==> flow/design.v <==
module mpy #(
    parameter int WD = 4
) (
    input logic clk,
    input logic clk_en,
    input logic [WD-1:0] lhs_i,
    input logic [WD-1:0] rhs_i,
    output logic [2*WD-1:0] out_o
);
    always_ff @(posedge clk) begin
        if (clk_en) begin
            out_o <= lhs_i * rhs_i;
        end
    end
endmodule
# [Tool chain data of mpy]
# Module mpy in several versions that differ in "WD"; each step lists the members.
# The file above is the member WD = 4. Line numbers count from 1 in each member's own file.
# Operators carry their Yosys type and port widths (W data, S select, Z words).
# Cell names lack the library's common part.
# A cell with n/a has no value.
[inputs] design="mpy" clock="clk" cell_library="sky130hd" lib_corner="tt_025C_1v80"

# [Members of the sweep]
# New or changed lines of each further member against the RTL above, in its own file; lines it lacks are not shown.
[src_changes] WD=5 line_no=2 source="parameter int WD = 5"
[src_changes] WD=9 line_no=2 source="parameter int WD = 9"

# [Word level]
# Yosys after proc, flatten, opt, wreduce and memory -nomap, before mapping. Enables and synchronous resets that opt folds into registers are not counted as muxes. Memory bits, and registers merged into a memory's read port (data or address), are not among the register bits. Print and check cells are not counted. Equal cells are merged and count once.
[bits] WD=4 reg_bits=8 in_bits=10 output_inout_bits=8 word_cells=2
[bits] WD=5 reg_bits=10 in_bits=12 output_inout_bits=10 word_cells=2
[bits] WD=9 reg_bits=18 in_bits=20 output_inout_bits=18 word_cells=2
[classes] WD=4 mul=1
[classes] WD=5 mul=1
[classes] WD=9 mul=1
[ops] WD=4 op_list="1 x $mul A4 B4 Y8"
[ops] WD=5 op_list="1 x $mul A5 B5 Y10"
[ops] WD=9 op_list="1 x $mul A9 B9 Y18"

# [Logic depth]
# Yosys ltp: most cells in a row. Word level: on the elaborated netlist, between registers, memories and ports. Mapped: between sequential cells and ports; inverters and the memories' decode and read muxes count.
[depth] WD=4 depth_word=1 ABC_AREA=0 ltp_mapped=8 ltp_nobuf=8
[depth] WD=5 depth_word=1 ABC_AREA=0 ltp_mapped=12 ltp_nobuf=12
[depth] WD=9 depth_word=1 ABC_AREA=0 ltp_mapped=17 ltp_nobuf=16

# [Mapped cells and area]
# The flow's flattened synthesis, as Yosys stat reports it; memories are mapped. The netlist is that of the ABC_AREA named above (0 if unset); the other value can give another one.
[mapped] WD=4 mapped_cells=59 yosys_area_um2=686.9 sequential_area_um2=240.2 flip_flops=8 buffers=0
[mapped] WD=5 mapped_cells=100 yosys_area_um2=1087.3 sequential_area_um2=300.3 flip_flops=10 buffers=0
[mapped] WD=9 mapped_cells=334 yosys_area_um2=3229.3 sequential_area_um2=540.5 flip_flops=18 buffers=3
[types] WD=4 cell_types="8 x edfxtp_1; 12 x ha_1; 13 x and2_1; 4 x fa_1; 2 x xnor2_1; 3 x a21oi_1; 3 x inv_1; 3 x nand2_1; 1 x or4b_1; 1 x a21o_2; 1 x and3b_1; 1 x o2111ai_1; 1 x xor2_1; 1 x a211oi_1; 1 x a21o_1; 2 x nor2_1; 1 x o211ai_1; 1 x o21ai_1"
[types] WD=5 cell_types="10 x edfxtp_1; 18 x ha_1; 9 x fa_1; 19 x and2_1; 15 x inv_1; 7 x nand2_1; 3 x xor2_1; 2 x xnor2_1; 1 x o41ai_2; 1 x a2111oi_2; 1 x nor2b_4; 2 x a21oi_1; 1 x nand2b_2; 1 x nand4b_1; 1 x o21ai_2; 1 x a21boi_1; 1 x nand3b_1; 1 x o21bai_1; (+6)"
[types] WD=9 cell_types="50 x fa_1; 18 x edfxtp_1; 38 x ha_1; 53 x and2_1; 71 x inv_1; 35 x nand2_1; 8 x xnor2_1; 10 x a21oi_1; 10 x nor2_1; 4 x o21bai_1; 1 x o41ai_4; 3 x a211o_1; 4 x o21ai_0; 3 x nand2b_1; 2 x o311ai_0; 1 x a2111oi_2; 2 x a21o_1; 3 x nor3_1; (+18)"
# The mark (+n) counts cells that are not listed.

# [Path before layout]
# Source: OpenSTA report_checks on the synthesized netlist (no wires, ideal clock, input and output delay 20% of the period each), path of least setup slack; recovery checks are left aside. Register names are those of the netlist, which keeps one name where synthesis merged equal registers.
[synth_timing] WD=4 kind="input to register" startpoint="in lhs_i[0]" endpoint="reg out_o[6]" period_ps=3600 path_slack_ps=574 stages=8 delay_ps=2307 period_less_setup_slack_ps=3026
[synth_timing] WD=5 kind="input to register" startpoint="in lhs_i[0]" endpoint="reg out_o[8]" period_ps=4540 path_slack_ps=728 stages=11 delay_ps=2904 period_less_setup_slack_ps=3812
[synth_timing] WD=9 kind="input to register" startpoint="in rhs_i[2]" endpoint="reg out_o[16]" period_ps=6170 path_slack_ps=989 stages=15 delay_ps=3948 period_less_setup_slack_ps=5181
# "delay_ps" is the arrival time less input delay plus setup time.
# "stages": output pins that drive a net of the path, with the launching flip-flop's if there is one; two outputs of one cell count as two.
# "period_less_setup_slack_ps" is the clock period less the worst setup slack; recovery checks do not enter. This is arithmetic on one report: input and output delays are still those of the set period (20% each).
# Between the ends stands the longest chain of elaborated cells between them, by number of cells; it is not shown to be the way that was timed. Of several equally long chains one is given.
# Each line given opens the expression or statement behind the cell; cells for indexed reads and writes are added by Yosys, which also makes memories of some case tables.
[synth_via_WD_4] elab_chain_cells=1
[synth_lines_WD_4] item="start, declared" line_no=6 source="input logic [WD-1:0] lhs_i,"
[synth_lines_WD_4] item="$mul A4 B4 Y8" line_no=12 source="out_o <= lhs_i * rhs_i;"
[synth_lines_WD_4] item="end, assigned" line_no=12
[synth_lines_WD_4] item="end, declared" line_no=8 source="output logic [2*WD-1:0] out_o"
[synth_via_WD_9] elab_chain_cells=1
[synth_lines_WD_9] item="start, declared" line_no=7 source="input logic [WD-1:0] rhs_i,"
[synth_lines_WD_9] item="$mul A9 B9 Y18" line_no=12 source="out_o <= lhs_i * rhs_i;"
[synth_lines_WD_9] item="end, assigned" line_no=12
[synth_lines_WD_9] item="end, declared" line_no=8 source="output logic [2*WD-1:0] out_o"

# [Timing after layout]
# Path of least setup slack in the final report of the run of each member (OpenROAD, finished layout, wires in). Where an end is a register, its clock arrival counts in the times.
# The path's times are printed in steps of 10 ps; the period is the one set.
[layout_timing] WD=4 kind="input to register" startpoint="in lhs_i[0]" endpoint="reg out_o[6]" period_ps=3600 path_slack_ps=220 stages=9 arrival_time_ps=3370 n_path_buf=1
[layout_timing] WD=5 kind="input to register" startpoint="in lhs_i[0]" endpoint="reg out_o[8]" period_ps=4540 path_slack_ps=300 stages=12 arrival_time_ps=4370 n_path_buf=1
[layout_timing] WD=9 kind="input to register" startpoint="in lhs_i[5]" endpoint="reg out_o[17]" period_ps=6170 path_slack_ps=550 stages=13 arrival_time_ps=5630 n_path_buf=1

# [Measured runs]
# Settings and results of one run of the flow (Yosys, OpenROAD) for each member follow. The constraints put input and output delay at 20% of the set period each and load the outputs with 0.01 pF.
[flow_settings] CAP_MARGIN=20 CORE_MARGIN=2 CORE_UTILIZATION=40 SLEW_MARGIN=20
[settings_diff] WD=4 period_ns=3.6
[settings_diff] WD=5 period_ns=4.54
[settings_diff] WD=9 period_ns=6.17
[results] WD=4 synth_chip_area_um2=686.9 design_die_area_um2=2064.8 post_route_stdcell_area_um2=952.2 finish.utilization_pct=61.1 setup_ws_ps=222 timing.setup.tns_ps=0 hold_worst_slack_ps=1223 total_power_w=0.0003049 achieved_period_ps=3378
[results] WD=5 synth_chip_area_um2=1087.3 design_die_area_um2=3151.1 post_route_stdcell_area_um2=1376.3 finish.utilization_pct=54.6 setup_ws_ps=302 timing.setup.tns_ps=0 hold_worst_slack_ps=1417 total_power_w=0.0003809 achieved_period_ps=4238
[results] WD=9 synth_chip_area_um2=3229.3 design_die_area_um2=8807.8 post_route_stdcell_area_um2=3768.6 finish.utilization_pct=48.5 setup_ws_ps=549 timing.setup.tns_ps=0 hold_worst_slack_ps=1924 total_power_w=0.001237 achieved_period_ps=5621
# "achieved_period_ps" = clock period - worst setup slack. The figure is calculated, with input and output delays left at 20% of the set period.
# "total_power_w" is the tool's figure for a default switching activity; nothing was simulated.
